==> flow/design.v <==
module sh_core_v2 #(
    parameter NBITS = 56,
    parameter SEL_W = $clog2(NBITS)
) (
    input logic clk_i,
    input logic rst_ni,
    input logic clk_en,
    input logic [NBITS-1:0] ch,
    input logic [SEL_W-1:0] shamt,
    output logic [NBITS-1:0] data_out
);
    always_ff @(posedge clk_i) begin
        if (~rst_ni) begin
            data_out <= 0;
        end else if (clk_en) begin
            data_out <= (ch << shamt) | (ch >> (NBITS - shamt));
        end
    end
endmodule
# Tool chain data of sh_core_v2
# The steps from the RTL of sh_core_v2 to its reports follow in flow order.
# Line numbers count from 1 in the design file above.
# Operators carry their Yosys type and port widths (W data, S select, Z words).
# Library cell names are shortened.
setup:
  design: "sh_core_v2"
  clock: "clk_i"
  library: "sky130hd"
  corner: "tt_025C_1v80"

# Elaborated design
# Yosys after proc, flatten, opt, wreduce and memory -nomap, before mapping. Enables and synchronous resets that opt folds into registers are not counted as muxes. Memory bits, and registers merged into a memory's read port (data or address), are not among the register bits. Print and check cells are not counted. Equal cells are merged and count once.
word_totals:
  register_bits: 56
  output_inout_bits: 56
op_classes:
  addsub: 1
  bitwise: 1
  n_shift: 2
ops:
  columns: ["operator", "n"]
  rows:
  - ["$shr A56 B32 Y56", 1]
  - ["$or A56 B56 Y56", 1]
  - ["$shl A56 B6 Y56", 1]
  - ["$sub A6 B6 Y7 const A", 1]

# Longest topological paths
# Yosys ltp: most cells in a row. Word level: on the elaborated netlist, between registers, memories and ports. Mapped: between sequential cells and ports; inverters and the memories' decode and read muxes count.
depth:
  ltp_word: 3
  abc_area: 0
  ltp_mapped: 16
  ltp_nobuf: 8

# Netlist
# The flow's flattened synthesis, as Yosys stat reports it; memories are mapped. The netlist is that of the ABC_AREA named above (0 if unset); the other value can give another one.
# Totals and module areas in this step are rounded.
mapped:
  cell_count: 1090
  sequential_area_um2: 1100
  mapped_area_um2: 9500
  buf_cells: 111
  ff_cells: 56
by_type:
  columns: ["cell", "n", "type_area_um2"]
  rows:
  - ["mux4_2", 88, 1.98E+03]
  - ["mux2i_1", 121, 1.21E+03]
  - ["dfxtp_1", 56, 1.12E+03]
  - ["mux2_2", 57, 641.866]
  - ["o21ai_0", 89, 445.427]
  - ["nand2_1", 103, 386.621]
  - ["nor2_1", 66, 247.738]
  - ["o211ai_1", 31, 232.723]
  - ["a21oi_1", 44, 220.211]
  - ["a221oi_1", 25, 218.96]
  - ["clkbuf_1", 52, 195.187]
  - ["buf_2", 32, 160.154]
  - ["buf_4", 21, 157.651]
  - ["a22o_1", 17, 148.893]
  - ["a31oi_1", 23, 143.888]
  - ["o221ai_1", 15, 131.376]
  - ["o22ai_1", 21, 131.376]
  - ["o221a_2", 11, 123.869]
# Not listed: further types 60, cells in them 218.

# Timing after synthesis
# Source: OpenSTA report_checks on the synthesized netlist (no wires, ideal clock, input and output delay 20% of the period each), path of least setup slack; recovery checks are left aside. Register names are those of the netlist, which keeps one name where synthesis merged equal registers.
synth_path:
  path_type: "in2reg"
  from: "input shamt[0]"
  to: "register data_out[6]"
  period_ps: 4950
  driving_pins: 15
  input_delay_ps: 990
  required_time_ps: 4818
  t_first_pin_ps: 990
  t_arrival_ps: 4028
  delay_ps: 3170
  path_buffers: 7
  slack_ps: 790
  period_less_setup_slack_ps: 4160
# "delay_ps" = arrival - input delay + setup time.
# "driving_pins" counts driving pins, that of a launching flip-flop among them; a cell with two outputs on the path counts twice.
# "period_less_setup_slack_ps" = period - worst setup slack (recovery checks aside). The figure is calculated, with input and output delays left at 20% of the set period.
# The rows between start and end are the longest chain of elaborated cells between them; the timing report does not say that the signal goes this way. Where chains are equally long, one stands for them.
# Each line given opens the expression or statement behind the cell; cells for indexed reads and writes are added by Yosys, which also makes memories of some case tables.
synth_via:
  path_cell_list: "buf_4 -> buf_6 -> inv_2 -> buf_4 -> buf_2 -> buf_2 -> ha_1 -> buf_2 -> buf_1 -> mux4_2 -> o211a_1 -> nor4_1 -> nor3_1 -> o31ai_1 -> a31oi_1"
  elab_chain_cells: 3
synth_lines:
  columns: ["element", "line_no", "text"]
  rows:
  - ["start, declared", 9, "input logic [SEL_W-1:0] shamt,"]
  - ["$sub A6 B6 Y7", 16, "data_out <= (ch << shamt) | (ch >> (NBITS - shamt));"]
  - ["$shr A56 B32 Y56", 16, null]
  - ["$or A56 B56 Y56", 16, null]
  - ["end, assigned", 14, "data_out <= 0;"]
  - ["end, assigned", 16, null]
  - ["end, declared", 10, "output logic [NBITS-1:0] data_out"]

# Timing after layout
# From the final timing report of stored run 1: the path of least setup slack in the routed layout; clock arrival at registers is part of the times.
# The report prints the path's times to 10 ps; the period is as set.
layout_path:
  path_type: "in2reg"
  from: "input ch[0]"
  to: "register data_out[38]"
  driving_pins: 6
  path_buffers: 1
  t_first_pin_ps: 990
  t_arrival_ps: 4190
  period_ps: 4950
  input_delay_ps: 990
  required_time_ps: 5100
  slack_ps: 910
layout_via:
  path_cell_list: "clkdlybuf4s50_1 -> mux2_2 -> mux4_2 -> a22o_1 -> a2111oi_0 -> a31oi_1"
layout_lines:
  columns: ["element", "line_no", "text"]
  rows:
  - ["start, declared", 8, "input logic [NBITS-1:0] ch,"]
  - ["end, assigned", 14, "data_out <= 0;"]
  - ["end, assigned", 16, "data_out <= (ch << shamt) | (ch >> (NBITS - shamt));"]
  - ["end, declared", 10, "output logic [NBITS-1:0] data_out"]
# Chain of elaborated cells between the ends: none given.

Data sheet: physical implementation of sh_core_v2

Design sh_core_v2 on sky130hd. What follows are 3 stored runs of the flow, each under its own settings; their order means nothing. The constraints put input and output delay at 20% of the set period each and load the outputs with 0.01 pF.
By "timing.achieved_period_ps" is meant the clock period of the run minus its worst setup slack. This is arithmetic on one report: input and output delays are still those of the set period (20% each).
"worstPathTime_ps": the worst setup path's part of the clock period (all of it between registers, 20% less for each end at a port) less its slack. A launch clock that arrives late makes it longer, a capture clock that arrives late makes it shorter.
"final_power_w" is the tool's figure for a default switching activity; nothing was simulated.
"worstPathTime_ps" is given in steps of 10 ps.
Measured values are rounded.

--- stored run 1 ---
==> flow/run.sh <==
#!/bin/bash
# the make line also repeats the synthesis and layout settings of config.mk as NAME=value (left out here)
make -C /OpenROAD-flow-scripts/flow DESIGN_CONFIG=/design/flow/config.mk WORK_HOME=/design/flow/orfs CLKGATE_MAP_FILE= finish
==> flow/config.mk <==
export PLATFORM = sky130hd
export DESIGN_NAME = sh_core_v2
export DESIGN_NICKNAME = sh_core_v2
export VERILOG_FILES = /design/flow/design.v
export SDC_FILE = /design/flow/constraint.sdc
export NUM_CORES = 4
export LEC_CHECK = 0
export CAP_MARGIN = 20
export CORE_MARGIN = 2
export CORE_UTILIZATION = 40
export SLEW_MARGIN = 20
==> flow/constraint.sdc <==
create_clock -name core_clock -period 4.95 [get_ports {clk_i}]
set_input_delay 0.9900 -clock core_clock [delete_from_list [all_inputs] [get_ports {clk_i}]]
set_output_delay 0.9900 -clock core_clock [all_outputs]
set_load 0.01 [all_outputs]

==> results, as YAML <==
results:
  yosys_chip_area_um2: 9500
  die_footprint_um2: 25000
  cell_area_final_um2: 11000
  fin_util_pct: 48
  setup_worst_slack_ps: 910
  fin_tns_ps: 0
  hold_ws_ps: 480
  final_power_w: 0.0025
  timing.achieved_period_ps: 4038
  worstPathTime_ps: 3050
  path_kind: "in2reg"

--- stored run 2 ---
==> flow/run.sh <==
#!/bin/bash
# the make line also repeats the synthesis and layout settings of config.mk as NAME=value (left out here)
make -C /OpenROAD-flow-scripts/flow DESIGN_CONFIG=/design/flow/config.mk WORK_HOME=/design/flow/orfs CLKGATE_MAP_FILE= finish
==> flow/config.mk <==
export PLATFORM = sky130hd
export DESIGN_NAME = sh_core_v2
export DESIGN_NICKNAME = sh_core_v2
export VERILOG_FILES = /design/flow/design.v
export SDC_FILE = /design/flow/constraint.sdc
export NUM_CORES = 4
export LEC_CHECK = 0
export CAP_MARGIN = 20
export CELL_PAD_IN_SITES_DETAIL_PLACEMENT = 0
export CORE_MARGIN = 2
export CORE_UTILIZATION = 65
export CTS_CLUSTER_DIAMETER = 400
export GPL_ROUTABILITY_DRIVEN = 1
export GPL_TIMING_DRIVEN = 1
export MAX_ROUTING_LAYER = met4
export MIN_ROUTING_LAYER = met2
export PLACE_DENSITY_LB_ADDON = 0.28
export SLEW_MARGIN = 30
==> flow/constraint.sdc <==
create_clock -name core_clock -period 3.18 [get_ports {clk_i}]
set_input_delay 0.6360 -clock core_clock [delete_from_list [all_inputs] [get_ports {clk_i}]]
set_output_delay 0.6360 -clock core_clock [all_outputs]
set_load 0.01 [all_outputs]

==> results, as YAML <==
outcome: "no results, routing failed with GRT-0116"

--- stored run 3 ---
==> flow/run.sh <==
#!/bin/bash
# the make line also repeats the synthesis and layout settings of config.mk as NAME=value (left out here)
make -C /OpenROAD-flow-scripts/flow DESIGN_CONFIG=/design/flow/config.mk WORK_HOME=/design/flow/orfs CLKGATE_MAP_FILE= finish
==> flow/config.mk <==
export PLATFORM = sky130hd
export DESIGN_NAME = sh_core_v2
export DESIGN_NICKNAME = sh_core_v2
export VERILOG_FILES = /design/flow/design.v
export SDC_FILE = /design/flow/constraint.sdc
export NUM_CORES = 4
export LEC_CHECK = 0
export ABC_AREA = 1
export CAP_MARGIN = 20
export CELL_PAD_IN_SITES_GLOBAL_PLACEMENT = 1
export CORE_ASPECT_RATIO = 0.88
export CORE_MARGIN = 9
export CORE_UTILIZATION = 28
export CTS_CLUSTER_SIZE = 38
export MAX_ROUTING_LAYER = met4
export PLACE_DENSITY_LB_ADDON = 0.04
export SETUP_SLACK_MARGIN = -0.2
export SLEW_MARGIN = 20
export TNS_END_PERCENT = 30
==> flow/constraint.sdc <==
create_clock -name core_clock -period 3.38 [get_ports {clk_i}]
set_input_delay 0.6760 -clock core_clock [delete_from_list [all_inputs] [get_ports {clk_i}]]
set_output_delay 0.6760 -clock core_clock [all_outputs]
set_load 0.01 [all_outputs]

==> results, as YAML <==
results:
  yosys_chip_area_um2: 8800
  die_footprint_um2: 38000
  cell_area_final_um2: 11000
  fin_util_pct: 34
  setup_worst_slack_ps: 630
  fin_tns_ps: 0
  hold_ws_ps: 520
  final_power_w: 0.0035
  timing.achieved_period_ps: 2751
  worstPathTime_ps: 2080
  path_kind: "in2reg"
